==> flow/design.v <==
module mult_rtl #(
    parameter int DWIDTH = 10
) (
    input  logic aclk,
    input  logic rst_ni,
    input  logic [DWIDTH-1:0] arg0,
    input  logic [DWIDTH-1:0] arg1,
    output logic [2*DWIDTH-1:0] res
);
    logic [DWIDTH-1:0] arg0_s;
    logic [DWIDTH-1:0] arg1_s;
    localparam int HALF = DWIDTH / 2;
    logic [DWIDTH-1:0] ll;
    half_mul #(.N(HALF)) el (.a(arg0_s[HALF-1:0]), .b(arg1_s[HALF-1:0]), .p(ll));
    logic [DWIDTH-1:0] lh;
    half_mul #(.N(HALF)) inst (.a(arg0_s[HALF-1:0]), .b(arg1_s[DWIDTH-1:HALF]), .p(lh));
    logic [DWIDTH-1:0] hl;
    half_mul #(.N(HALF)) i_sub (.a(arg0_s[DWIDTH-1:HALF]), .b(arg1_s[HALF-1:0]), .p(hl));
    logic [DWIDTH-1:0] hh;
    half_mul #(.N(HALF)) u0 (.a(arg0_s[DWIDTH-1:HALF]), .b(arg1_s[DWIDTH-1:HALF]), .p(hh));
    logic [DWIDTH-1:0] ll_s;
    logic [DWIDTH-1:0] lh_s;
    logic [DWIDTH-1:0] hl_s;
    logic [DWIDTH-1:0] hh_s;
    logic [DWIDTH:0] w2;
    assign w2 = lh_s + hl_s;
    always_ff @(posedge aclk or negedge rst_ni) begin
        if (~rst_ni) begin
            arg0_s <= '0;
            arg1_s <= '0;
            ll_s <= '0;
            lh_s <= '0;
            hl_s <= '0;
            hh_s <= '0;
            res <= '0;
        end else begin
            arg0_s <= arg0;
            arg1_s <= arg1;
            ll_s <= ll;
            lh_s <= lh;
            hl_s <= hl;
            hh_s <= hh;
            res <= {hh_s, ll_s} + {w2, {HALF{1'b0}}};
        end
    end
endmodule
module half_mul #(parameter N = 4) (
    input logic [N-1:0] a,
    input logic [N-1:0] b,
    output logic [2*N-1:0] p
);
    assign p = a * b;
endmodule
==> Step by step through the tools: mult_rtl <==
Tool output for the design above, in the order of the flow.
Lines are those of the file above, counted from 1.
Operators: Yosys type, input widths -> output width; for muxes data width and select width s.
{ "inputs": {"top": "mult_rtl", "clock": "aclk", "cell_library": "sky130hd", "corner": "tt_025C_1v80"} }

==> Elaborated design <==
Counts by Yosys on the flattened word-level netlist (proc, flatten, opt, wreduce; memories kept). Register bits leave out memories and registers merged into their read ports (data or address); mux counts leave out enables and synchronous resets folded into registers. Print and check cells are left out. Cells with the same type and inputs are merged into one.
{ "op_classes": {"add_sub_neg": 2, "multipliers": 4} }
{ "ops": {"columns": ["cell", "n"], "rows": [
  ["$mul 5x5->10", 4],
  ["$add 20x16->20", 1],
  ["$add 10x10->11", 1]
]} }
{ "word_totals": {"register_bits": 80, "inputBits": 22, "output_inout_bits": 20, "elab_cells": 13} }

==> Logic depth <==
Longest topological path by Yosys (ltp), each cell counted once; first at word level (registers and memories cut), then after technology mapping (sequential cells cut; the memories' decode and read muxes count).
{ "logic_depth": {"word_depth": 2, "abc_area": 0, "mapped_depth": 14, "mapped_depth_nobuf": 13} }

==> After synthesis <==
Source: synth_stat.txt of the flow (Yosys; design flattened, memories mapped). It holds for the ABC_AREA given above (unset counts as 0); a run with the other value may have another netlist.
The area totals of this step are shown rounded.
{ "types": {"columns": ["type", "n", "type_area_um2"], "rows": [
  ["sky130_fd_sc_hd__dfrtp_1", 80, 2001.92],
  ["sky130_fd_sc_hd__ha_1", 94, 1.18E+03],
  ["sky130_fd_sc_hd__fa_1", 38, 760.73],
  ["sky130_fd_sc_hd__and2_1", 55, 344.08],
  ["sky130_fd_sc_hd__xnor2_1", 28, 245.235],
  ["sky130_fd_sc_hd__nand2_1", 58, 217.709],
  ["sky130_fd_sc_hd__inv_1", 57, 213.955],
  ["sky130_fd_sc_hd__xor2_1", 14, 122.618],
  ["sky130_fd_sc_hd__a21oi_1", 24, 120.115],
  ["sky130_fd_sc_hd__nor2_1", 30, 112.608],
  ["sky130_fd_sc_hd__a21o_1", 14, 105.101],
  ["sky130_fd_sc_hd__o21ai_0", 12, 60.058],
  ["sky130_fd_sc_hd__clkbuf_1", 15, 56.304],
  ["sky130_fd_sc_hd__a211oi_1", 6, 45.043],
  ["sky130_fd_sc_hd__o21bai_1", 6, 45.043],
  ["sky130_fd_sc_hd__o41ai_1", 4, 35.034],
  ["sky130_fd_sc_hd__nor3_1", 6, 30.029],
  ["sky130_fd_sc_hd__o211ai_1", 3, 22.522]
]} }
Other cell types: 18; their cells: 23.
{ "synth_totals": {"stdcells": 567, "mapped_area_mm2": 0.005882, "seqArea_mm2": 0.002002, "ff_cells": 80, "buf_cells": 16} }
By module: a second synthesis without flattening, with its own total; a netlist apart from the flattened one above.
{ "hier_totals": {"hier_cells": 567, "hier_area_mm2": 0.006095} }
Each row is one instance without its submodules.
{ "by_module": {"columns": ["module", "n_inst", "n_cells", "mod_area_mm2", "seq_area_mm2"], "rows": [
  ["half_mul (N=5)", 4, 91, 0.0007858, 0],
  ["mult_rtl", 1, 203, 0.002952, 0.002002]
]} }

==> Timing after synthesis <==
Source: OpenSTA report_checks on the synthesized netlist (no wires, ideal clock, input and output delay 20% of the period each), path of least setup slack; recovery checks are left aside. Register names are those of the netlist, which keeps one name where synthesis merged equal registers.
{ "synth_path": {"path_kind": "register to register", "from": "reg arg1_s[9]", "to": "reg hh_s[9]", "tclk_ps": 4300, "setup_time_ps": 80, "t_first_pin_ps": 0, "t_arrival_ps": 3362, "required_time_ps": 4220, "setup_slack_ps": 858, "path_delay_ps": 3442, "driving_pins": 12, "path_buffers": 1, "synth_period_reached_ps": 3442} }
"path_delay_ps" = arrival - input delay + setup time.
"driving_pins" counts driving pins, that of a launching flip-flop among them; a cell with two outputs on the path counts twice.
"synth_period_reached_ps" is the clock period less the worst setup slack; recovery checks do not enter. This is arithmetic on one report: input and output delays are still those of the set period (20% each).
Between the ends stands the longest chain of elaborated cells between them, by number of cells; it is not shown to be the way that was timed. Of several equally long chains one is given.
Each line given opens the expression or statement behind the cell; cells for indexed reads and writes are added by Yosys, which also makes memories of some case tables.
{ "synth_via": {"cell_sequence": "sky130_fd_sc_hd__dfrtp_1 sky130_fd_sc_hd__clkbuf_1 sky130_fd_sc_hd__nand2_1 sky130_fd_sc_hd__fa_1 sky130_fd_sc_hd__fa_1 sky130_fd_sc_hd__fa_1 sky130_fd_sc_hd__inv_1 sky130_fd_sc_hd__ha_1 sky130_fd_sc_hd__nor2b_1 sky130_fd_sc_hd__o31a_1 sky130_fd_sc_hd__o41ai_1 sky130_fd_sc_hd__xnor2_1", "elab_chain_cells": 1, "cone_cells": 1, "lines_between": 1, "cone_classes": "1 x mul"} }
{ "synth_rtl": {"columns": ["element", "line", "text"], "rows": [
  ["start, declared", 11, "logic [DWIDTH-1:0] arg1_s;"],
  ["start, assigned", 30, "arg1_s <= '0;"],
  ["start, assigned", 38, "arg1_s <= arg1;"],
  ["$mul 5x5->10", 52, "assign p = a * b;"],
  ["end, assigned", 34, "hh_s <= '0;"],
  ["end, assigned", 42, "hh_s <= hh;"],
  ["end, declared", 24, "logic [DWIDTH-1:0] hh_s;"]
]} }

==> Worst path after layout <==
From the final timing report of flow run 1: the path of least setup slack in the routed layout; clock arrival at registers is part of the times.
The path's times are printed in steps of 10 ps; the period is the one set.
{ "layout_path": {"path_kind": "register to register", "from": "reg hl_s[1]", "to": "reg res[19]", "tclk_ps": 2790, "setup_time_ps": 70, "t_first_pin_ps": 350, "t_arrival_ps": 3500, "required_time_ps": 3070, "setup_slack_ps": -430, "driving_pins": 13, "path_buffers": 0} }
Between the ends stands the longest chain of elaborated cells between them, by number of cells; it is not shown to be the way that was timed. Of several equally long chains one is given.
{ "layout_via": {"cell_sequence": "sky130_fd_sc_hd__dfrtp_1 sky130_fd_sc_hd__ha_4 sky130_fd_sc_hd__a211oi_2 sky130_fd_sc_hd__o21bai_2 sky130_fd_sc_hd__a211o_1 sky130_fd_sc_hd__a21oi_2 sky130_fd_sc_hd__xnor2_1 sky130_fd_sc_hd__ha_1 sky130_fd_sc_hd__nand2_2 sky130_fd_sc_hd__or3_4 sky130_fd_sc_hd__or3b_4 sky130_fd_sc_hd__a21oi_2 sky130_fd_sc_hd__xor2_1", "elab_chain_cells": 2, "cone_cells": 2, "lines_between": 2, "cone_classes": "2 x add/sub"} }
{ "layout_rtl": {"columns": ["element", "line", "text"], "rows": [
  ["start, declared", 23, "logic [DWIDTH-1:0] hl_s;"],
  ["start, assigned", 33, "hl_s <= '0;"],
  ["start, assigned", 41, "hl_s <= hl;"],
  ["$add 10x10->11", 26, "assign w2 = lh_s + hl_s;"],
  ["$add 20x16->20", 43, "res <= {hh_s, ll_s} + {w2, {HALF{1'b0}}};"],
  ["end, assigned", 35, "res <= '0;"],
  ["end, assigned", 43, null],
  ["end, declared", 8, "output logic [2*DWIDTH-1:0] res"]
]} }

==> results <==
Settings and measured results of 3 stored flow runs for module mult_rtl (sky130hd), not sorted in any way. The constraints put input and output delay at 20% of the set period each and load the outputs with 0.01 pF.
"achieved_clock_period_ps" means the clock period less the worst setup slack. The figure is calculated, with input and output delays left at 20% of the set period.
By "worstPathTime_ps" is meant the share of the clock period that the worst setup path is allowed (20% is reserved at inputs, 20% at outputs), minus its slack. Clock arrival times at its registers enter into it.
"total_power_mw" is the tool's figure for a default switching activity; nothing was simulated.
"worstPathTime_ps" is given in steps of 10 ps.
Results are given in rounded form.
[
  {
    "run": "flow run 1",
    "settings": { "period_ns": 2.79, "CORE_UTILIZATION": 34, "SETUP_SLACK_MARGIN": 0.07, "PLACE_DENSITY_LB_ADDON": 0.27, "CELL_PAD_IN_SITES_DETAIL_PLACEMENT": 0, "ABC_AREA": 0, "GPL_TIMING_DRIVEN": 1, "GPL_ROUTABILITY_DRIVEN": 0, "CTS_CLUSTER_DIAMETER": 330, "CAP_MARGIN": 20, "CORE_MARGIN": 2, "SLEW_MARGIN": 20 },
    "results": { "worstPathTime_ps": 3220, "timing.worst_path_kind": "register to register", "layout_stdcell_area_mm2": 0.008384, "die_mm2": 0.01837, "achieved_clock_period_ps": 3215, "util_frac": 0.49, "yosys.chip_area_mm2": 0.005882, "worstSetupSlack_ps": -425, "total_power_mw": 7.862, "tns_ps": -6731 }
  },
  {
    "run": "flow run 2",
    "settings": { "period_ns": 4.3, "CAP_MARGIN": 20, "CORE_MARGIN": 2, "CORE_UTILIZATION": 40, "SLEW_MARGIN": 20 },
    "results": { "worstPathTime_ps": 3740, "timing.worst_path_kind": "register to register", "layout_stdcell_area_mm2": 0.006782, "die_mm2": 0.01569, "achieved_clock_period_ps": 3738, "util_frac": 0.47, "yosys.chip_area_mm2": 0.005882, "worstSetupSlack_ps": 562, "total_power_mw": 3.968, "tns_ps": 0 }
  },
  {
    "run": "flow run 3",
    "settings": { "period_ns": 5.74, "CORE_UTILIZATION": 64, "SETUP_SLACK_MARGIN": 0.64, "PLACE_DENSITY_LB_ADDON": 0.05, "CORE_ASPECT_RATIO": 1.09, "GPL_ROUTABILITY_DRIVEN": 0, "CTS_CLUSTER_SIZE": 89, "CTS_CLUSTER_DIAMETER": 365, "CAP_MARGIN": 40, "MAX_ROUTING_LAYER": "met4", "CORE_MARGIN": 2, "SLEW_MARGIN": 20 },
    "results": { "worstPathTime_ps": 3690, "timing.worst_path_kind": "register to register", "layout_stdcell_area_mm2": 0.006594, "die_mm2": 0.009974, "achieved_clock_period_ps": 3686, "util_frac": 0.739, "yosys.chip_area_mm2": 0.005882, "worstSetupSlack_ps": 2054, "total_power_mw": 2.755, "tns_ps": 0 }
  }
]
